==> flow/design.v <==
module dp_mplex #(
   parameter int DATA_WIDTH = 2
) (
   input logic aclk,
   input logic resetn,
   input logic [DATA_WIDTH-1:0] src0,
   input logic [DATA_WIDTH-1:0] src1,
   input logic [DATA_WIDTH-1:0] src2,
   input logic [DATA_WIDTH-1:0] src3,
   input logic [2:0] s,
   output logic [DATA_WIDTH-1:0] data_out
);
   logic [DATA_WIDTH-1:0] src0_r;
   logic [DATA_WIDTH-1:0] src1_r;
   logic [DATA_WIDTH-1:0] src2_r;
   logic [DATA_WIDTH-1:0] src3_r;
   logic [2:0] s_r;
   always_ff @(posedge aclk) begin
      if (~resetn) begin
         src0_r <= 0;
         src1_r <= 0;
         src2_r <= 0;
         src3_r <= 0;
         s_r <= 0;
      end else begin
         src0_r <= src0;
         src1_r <= src1;
         src2_r <= src2;
         src3_r <= src3;
         s_r <= s;
      end
   end
   logic [DATA_WIDTH-1:0] work;
   always_comb begin
      casez (s_r)
         3'b??1: work = src0_r;
         3'b?10: work = src1_r;
         3'b100: work = src2_r;
         default: work = src3_r;
      endcase
   end
   always_ff @(posedge aclk) begin
      if (~resetn) begin
         data_out <= 0;
      end else begin
         data_out <= work;
      end
   end
endmodule
; ---- Reports on dp_mplex
; The steps from the RTL of dp_mplex to its reports follow in flow order.
; Lines are those of the file above, counted from 1.
; Operators carry their Yosys type and port widths (W data, S select, Z words).
; Library cell names are shortened.
; The mark -- stands for no value.
[inputs]
top_module = dp_mplex
clock = aclk
cell_library = sky130hd
corner = tt_025C_1v80

; ---- Word-level counts
; Counts by Yosys on the flattened word-level netlist (proc, flatten, opt, wreduce; memories kept). Register bits leave out memories and registers merged into their read ports (data or address); mux counts leave out enables and synchronous resets folded into registers. Print and check cells are left out. Cells with the same type and inputs are merged into one.
[bits]
register_bits = 13
input_bits = 13
output_inout_bits = 2
wordCells = 9
[classes]
equal = 2
n_mux = 1
[ops]
columns = operator, count
row1 = $pmux W2 S3, 1
row2 = $eq A3 B3 Y1 const B, 1
row3 = $eq A2 B2 Y1 const B, 1

; ---- Depth
; Longest topological path by Yosys (ltp), each cell counted once; first at word level (registers and memories cut), then after technology mapping (sequential cells cut; the memories' decode and read muxes count).
[depth]
depth_word = 2
abc_area = 0
ltp_mapped = 2
mapped_depth_nobuf = 2

; ---- Mapped cells and area
; Source: synth_stat.txt of the flow (Yosys; design flattened, memories mapped). It holds for the ABC_AREA given above (unset counts as 0); a run with the other value may have another netlist.
[by_type]
columns = type, count, area_total_um2
row1 = dfxtp_1, 13, 260.25
row2 = and2_1, 11, 68.816
row3 = mux2i_1, 2, 20.019
row4 = nand4b_1, 2, 17.517
row5 = o211ai_1, 2, 15.014
row6 = nand3_1, 2, 10.01
row7 = or3b_1, 1, 8.758
row8 = buf_2, 1, 5.005
[mapped]
stdcells = 34
area_um2 = 405.4
seq_area_um2 = 260.2
ff_cells = 13
buffers = 1

; ---- Path before layout
; OpenSTA on the mapped netlist: ideal clock, no wires. The path of least setup slack (recovery checks aside). Input and output delay are each 20% of the period. Register names are those of the netlist, which keeps one name where synthesis merged equal registers.
[synth_path]
kind = flip-flop to flip-flop
from = reg s_r[1]
to = reg data_out[1]
clock_period_ps = 1130
setup_ps = 79
t_first_pin_ps = 0
t_arrival_ps = 829
t_required_ps = 1051
slack_ps = 222
path_delay_ps = 908
stages = 3
path_buffers = 0
period_less_setup_slack_ps = 908
; "path_delay_ps" is the arrival time less input delay plus setup time.
; "stages" counts driving pins, that of a launching flip-flop among them; a cell with two outputs on the path counts twice.
; "period_less_setup_slack_ps" is the clock period less the worst setup slack; recovery checks do not enter. This is arithmetic on one report: input and output delays are still those of the set period (20% each).
; The rows between start and end are the longest chain of elaborated cells between them; the timing report does not say that the signal goes this way. Where chains are equally long, one stands for them.
; A line is the first line of the expression or statement that the cell stems from. Yosys adds cells for indexed reads and writes and turns some case tables into memories.
[synth_via]
path_cell_list = dfxtp_1 -> or3b_1 -> o211ai_1
elab_chain_len = 2
cone_cells = 3
cone_lines = 1
cone_classes = eq/ne (2); mux (1)
[synth_rtl]
columns = element, line_no
row1 = "start, declared", 17  ; logic [2:0] s_r;
row2 = "start, assigned", 24  ; s_r <= 0;
row3 = "start, assigned", 30  ; s_r <= s;
row4 = $eq A3 B3 Y1, 35  ; casez (s_r)
row5 = $pmux W2 S3, 35
row6 = "end, assigned", 44  ; data_out <= 0;
row7 = "end, assigned", 46  ; data_out <= work;
row8 = "end, declared", 11  ; output logic [DATA_WIDTH-1:0] data_out

; ---- Path in the finished layout
; From the final timing report of run 1: the path of least setup slack in the routed layout; clock arrival at registers is part of the times.
; The report prints the path's times to 10 ps; the period is as set.
[layout_path]
kind = flip-flop to output port
from = reg data_out[0]
to = out data_out[0]
clock_period_ps = 1130
output_delay_ps = 230
t_first_pin_ps = 250
t_arrival_ps = 840
t_required_ps = 900
slack_ps = 70
stages = 2
path_buffers = 1
[layout_via]
path_cell_list = dfxtp_1 -> dlygate4sd2_1
elab_chain_len = 0
cone_cells = 0
cone_lines = 0
[layout_rtl]
columns = element, line_no
row1 = "start, declared", 11  ; output logic [DATA_WIDTH-1:0] data_out
row2 = "start, assigned", 44  ; data_out <= 0;
row3 = "start, assigned", 46  ; data_out <= work;
row4 = "end, declared", 11

; Below are 3 stored runs of the flow (Yosys, OpenROAD; platform sky130hd) on dp_mplex, each with its settings and what was measured, unordered. Constraints: input delay and output delay 20% of the set period each, output load 0.01 pF.
; By "achievedPeriod_ps" is meant the clock period of the run minus its worst setup slack. This is arithmetic on one report: input and output delays are still those of the set period (20% each).
; "critical_path_time_ps" = time allowed to the worst setup path (clock period - input delay - output delay, where it has them) - its slack; a late launch clock adds to it, a late capture clock takes from it.
; "power_total_uw" rests on the timing tool's default activity at the inputs, not on a simulated workload.
; "critical_path_time_ps" is known to 10 ps.

[run 1: settings]
period_ns = 1.13
CAP_MARGIN = 20
CORE_MARGIN = 2
CORE_UTILIZATION = 40
SLEW_MARGIN = 20
[run 1: results]
post_route_stdcell_area_um2 = 583.1
post_route_util_pct = 62.3
worst_hold_slack_ps = 507
worstSetupSlack_ps = 67
achievedPeriod_ps = 1063
critical_path_time_ps = 840
worst_path_kind = flip-flop to output port
power_total_uw = 799.2
setup_tns_ps = 0
design_die_area_um2 = 1284.2
yosys.chip_area_um2 = 405.4

[run 2: settings]
period_ns = 0.77
CORE_UTILIZATION = 59
SETUP_SLACK_MARGIN = 0.02
PLACE_DENSITY_LB_ADDON = 0.09
CELL_PAD_IN_SITES_DETAIL_PLACEMENT = 0
GPL_TIMING_DRIVEN = 0
CTS_CLUSTER_SIZE = 27
SLEW_MARGIN = 35
MIN_ROUTING_LAYER = met2
MAX_ROUTING_LAYER = met4
CAP_MARGIN = 20
CORE_MARGIN = 2
[run 2: results]
outcome = not finished: floorplanning ended with error PDN-0185

[run 3: settings]
period_ns = 0.669
CORE_UTILIZATION = 28
PLACE_DENSITY_LB_ADDON = 0.12
CELL_PAD_IN_SITES_GLOBAL_PLACEMENT = 1
TNS_END_PERCENT = 40
GPL_TIMING_DRIVEN = 0
CTS_CLUSTER_SIZE = 38
CTS_CLUSTER_DIAMETER = 196
CAP_MARGIN = 20
CORE_MARGIN = 2
SLEW_MARGIN = 20
[run 3: results]
post_route_stdcell_area_um2 = 599.3
post_route_util_pct = 44.9
worst_hold_slack_ps = 364
worstSetupSlack_ps = -274
achievedPeriod_ps = 943
critical_path_time_ps = 940
worst_path_kind = flip-flop to flip-flop
power_total_uw = 1434
setup_tns_ps = -836
design_die_area_um2 = 1768.2
yosys.chip_area_um2 = 405.4
